==> flow/design.v <==
module switch_rtl #(
   parameter XLEN = 3,
   parameter NUM = 20
) (
   input  core_clk,
   input  reset,
   input  [NUM*XLEN-1:0] bus_in,
   input  [NUM-1:0] idx_in,
   output [XLEN-1:0] o_out
);
   reg [NUM*XLEN-1:0] bus_q;
   reg [NUM-1:0] idx_q;
   reg [XLEN-1:0] tmp;
   integer k;
   always @* begin
      tmp = 0;
      for (k = 0; k < NUM; k = k + 1)
         tmp = tmp | (bus_q[k*XLEN +: XLEN] & {XLEN{idx_q[k]}});
   end
   assign o_out = tmp;
   always @(posedge core_clk) begin
      if (reset) begin
         bus_q <= 0;
         idx_q <= 0;
      end else begin
         bus_q <= bus_in;
         idx_q <= idx_in;
      end
   end
endmodule
* Reports on switch_rtl
Tool output for the design above, in the order of the flow.
Line numbers count from 1 in the design file above.
Cell names lack the library's common part.
The mark -- stands for no value.
- Top :: switch_rtl
- Clock port :: core_clk
- Library :: sky130hd
- Corner :: tt_025C_1v80

* Word level
Counts by Yosys on the flattened word-level netlist (proc, flatten, opt, wreduce; memories kept). Register bits leave out memories and registers merged into their read ports (data or address); mux counts leave out enables and synchronous resets folded into registers. Print and check cells are left out. Cells with the same type and inputs are merged into one.
- Word-level cells :: 41
- Bits in registers :: 80
- Bitwise gates (word level) :: 39
** Operators by type and width (count)
- AND 3 bit :: 20
- bitwise OR 3 bit :: 19

* Logic depth
Longest topological path by Yosys (ltp), each cell counted once; first at word level (registers and memories cut), then after technology mapping (sequential cells cut; the memories' decode and read muxes count).
- Depth in word-level cells :: 20
- ABC_AREA :: 0
- Mapped depth :: 4
- Depth with buffers taken out :: 4

* After synthesis
Source: synth_stat.txt of the flow (Yosys; design flattened, memories mapped). It holds for the ABC_AREA given above (unset counts as 0); a run with the other value may have another netlist.
Totals and module areas in this step are rounded.
- Buffers :: 8
- Standard cells after synthesis :: 204
- Mapped flip-flops :: 80
- Mapped area :: 2451 sq um
- Sequential part of the area :: 1602 sq um
** Cells by type
- dfxtp_1 :: count 80, total area 1.6E+03 sq um
- nor2b_1 :: count 80, total area 500.48 sq um
- a22o_1 :: count 11, total area 96.342 sq um
- a221oi_1 :: count 8, total area 70.067 sq um
- a221oi_2 :: count 4, total area 60.058 sq um
- a22oi_1 :: count 6, total area 45.043 sq um
- clkbuf_1 :: count 8, total area 30.029 sq um
- and3_1 :: count 3, total area 18.768 sq um
- nand4_1 :: count 3, total area 18.768 sq um
- a22o_2 :: count 1, total area 10.01 sq um

* Path before layout
OpenSTA on the mapped netlist: ideal clock, no wires. The path of least setup slack (recovery checks aside). Input and output delay are each 20% of the period. Register names are those of the netlist, which keeps one name where synthesis merged equal registers.
- Path kind :: register to output
- From :: register idx_q[1]
- To :: output o_out[2]
- Path delay :: 986 ps
- Data required time :: 1232 ps
- Buffers on the path :: 0
- Path slack :: 246 ps
- Stages :: 5
- External output delay :: 308 ps
- Arrival :: 986 ps
- Clock period :: 1540 ps
- Period reached after synthesis :: 1294 ps
"path delay" = arrival - input delay + setup time.
A path that ends at an output port has no setup time.
"stages": output pins that drive a net of the path, with the launching flip-flop's if there is one; two outputs of one cell count as two.
"period reached after synthesis" = period - worst setup slack (recovery checks aside). The figure is calculated, with input and output delays left at 20% of the set period.
Between the ends stands the longest chain of elaborated cells between them, by number of cells; it is not shown to be the way that was timed. Of several equally long chains one is given.
Each line given opens the expression or statement behind the cell; cells for indexed reads and writes are added by Yosys, which also makes memories of some case tables.
- Path through :: dfxtp_1 -> a22o_1 -> a221oi_1 -> and3_1 -> nand4_1
- Length of the longest elaborated chain :: 20
- Elaborated cells on any way between the ends :: 20
- Source lines of those cells :: 1
- Those cells by class :: logic (20)
** Ends and longest elaborated chain, after synthesis
- start: declaration :: RTL line 12 : reg [NUM-1:0] idx_q;
- start: assignment :: RTL line 24 : idx_q <= 0;
- start: assignment :: RTL line 27 : idx_q <= idx_in;
- AND 3 bit :: RTL line 18 : tmp = tmp | (bus_q[k*XLEN +: XLEN] & {XLEN{idx_q[k]}});
- bitwise OR 3 bit (19 in a row) :: RTL line 18
- end: declaration :: RTL line 9 : output [XLEN-1:0] o_out

* Path in the finished layout
From the final timing report of record 1: the path of least setup slack in the routed layout; clock arrival at registers is part of the times.
The report prints the path's times to 10 ps; the period is as set.
- Path kind :: register to output
- From :: register idx_q[4]
- To :: output o_out[2]
- Arrival :: 1590 ps
- External output delay :: 310 ps
- Buffers on the path :: 1
- Data required time :: 1230 ps
- Stages :: 6
- Clock period :: 1540 ps
- Path slack :: -360 ps
Between the ends stands the longest chain of elaborated cells between them, by number of cells; it is not shown to be the way that was timed. Of several equally long chains one is given.
- Path through :: dfxtp_2 -> a22o_1 -> a221oi_2 -> and3_1 -> nand4_1 -> buf_2
- Length of the longest elaborated chain :: 17
- Elaborated cells on any way between the ends :: 17
- Source lines of those cells :: 1
- Those cells by class :: logic (17)
** Ends and longest elaborated chain, post-layout
- start: declaration :: RTL line 12 : reg [NUM-1:0] idx_q;
- start: assignment :: RTL line 24 : idx_q <= 0;
- start: assignment :: RTL line 27 : idx_q <= idx_in;
- AND 3 bit :: RTL line 18 : tmp = tmp | (bus_q[k*XLEN +: XLEN] & {XLEN{idx_q[k]}});
- bitwise OR 3 bit (16 in a row) :: RTL line 18
- end: declaration :: RTL line 9 : output [XLEN-1:0] o_out

Appendix: measured runs

Below are 3 stored runs of the flow (Yosys, OpenROAD; platform sky130hd) on switch_rtl, each with its settings and what was measured, unordered. Constraints: input delay and output delay 20% of the set period each, output load 0.01 pF.
"period reached" = clock period - worst setup slack. The figure is calculated, with input and output delays left at 20% of the set period.
"time of the worst setup path" is the time allowed to the run's worst setup path (the clock period less input and output delay, where it has them) less its slack. Clock arrival times count: a late capture clock shortens it, a late launch clock lengthens it.
"power" rests on the timing tool's default activity at the inputs, not on a simulated workload.
"time of the worst setup path" is given in steps of 10 ps.
Values from the reports are rounded here.

** Record 1
- Settings :: period_ns=1.54; CAP_MARGIN=20; CORE_MARGIN=2; CORE_UTILIZATION=40; SLEW_MARGIN=20
- Lowest setup slack :: -362 ps
- Utilization after routing :: 0.63
- Standard-cell area after routing :: 3729 sq um
- Die outline area :: 6770 sq um
- Power :: 4.386 mW
- Worst hold slack in the final report :: 457 ps
- Time of the worst setup path :: 1590 ps
- Worst setup path type :: register to output
- Netlist area reported by Yosys :: 2451 sq um
- Period reached :: 1902 ps
- Summed negative setup slack :: -1029 ps

** Record 2
- Settings :: period_ns=2.2; CORE_UTILIZATION=46; SETUP_SLACK_MARGIN=0.18; PLACE_DENSITY_LB_ADDON=0.19; CORE_ASPECT_RATIO=0.56; CORE_MARGIN=8; CTS_CLUSTER_DIAMETER=52; SLEW_MARGIN=10; CAP_MARGIN=20
- Lowest setup slack :: 151 ps
- Utilization after routing :: 0.686
- Standard-cell area after routing :: 3620 sq um
- Die outline area :: 8019 sq um
- Power :: 2.912 mW
- Worst hold slack in the final report :: 562 ps
- Time of the worst setup path :: 1610 ps
- Worst setup path type :: register to output
- Netlist area reported by Yosys :: 2451 sq um
- Period reached :: 2049 ps
- Summed negative setup slack :: 0 ps

** Record 3
- Settings :: period_ns=2.07; CORE_UTILIZATION=20; SETUP_SLACK_MARGIN=-0.06; PLACE_DENSITY_LB_ADDON=0.17; CORE_MARGIN=9; GPL_ROUTABILITY_DRIVEN=1; CTS_CLUSTER_DIAMETER=305; MIN_ROUTING_LAYER=met1; MAX_ROUTING_LAYER=met4; CAP_MARGIN=20; SLEW_MARGIN=20
- Lowest setup slack :: 45 ps
- Utilization after routing :: 0.319
- Standard-cell area after routing :: 3829 sq um
- Die outline area :: 16560 sq um
- Power :: 3.566 mW
- Worst hold slack in the final report :: 544 ps
- Time of the worst setup path :: 1610 ps
- Worst setup path type :: register to output
- Netlist area reported by Yosys :: 2451 sq um
- Period reached :: 2025 ps
- Summed negative setup slack :: 0 ps
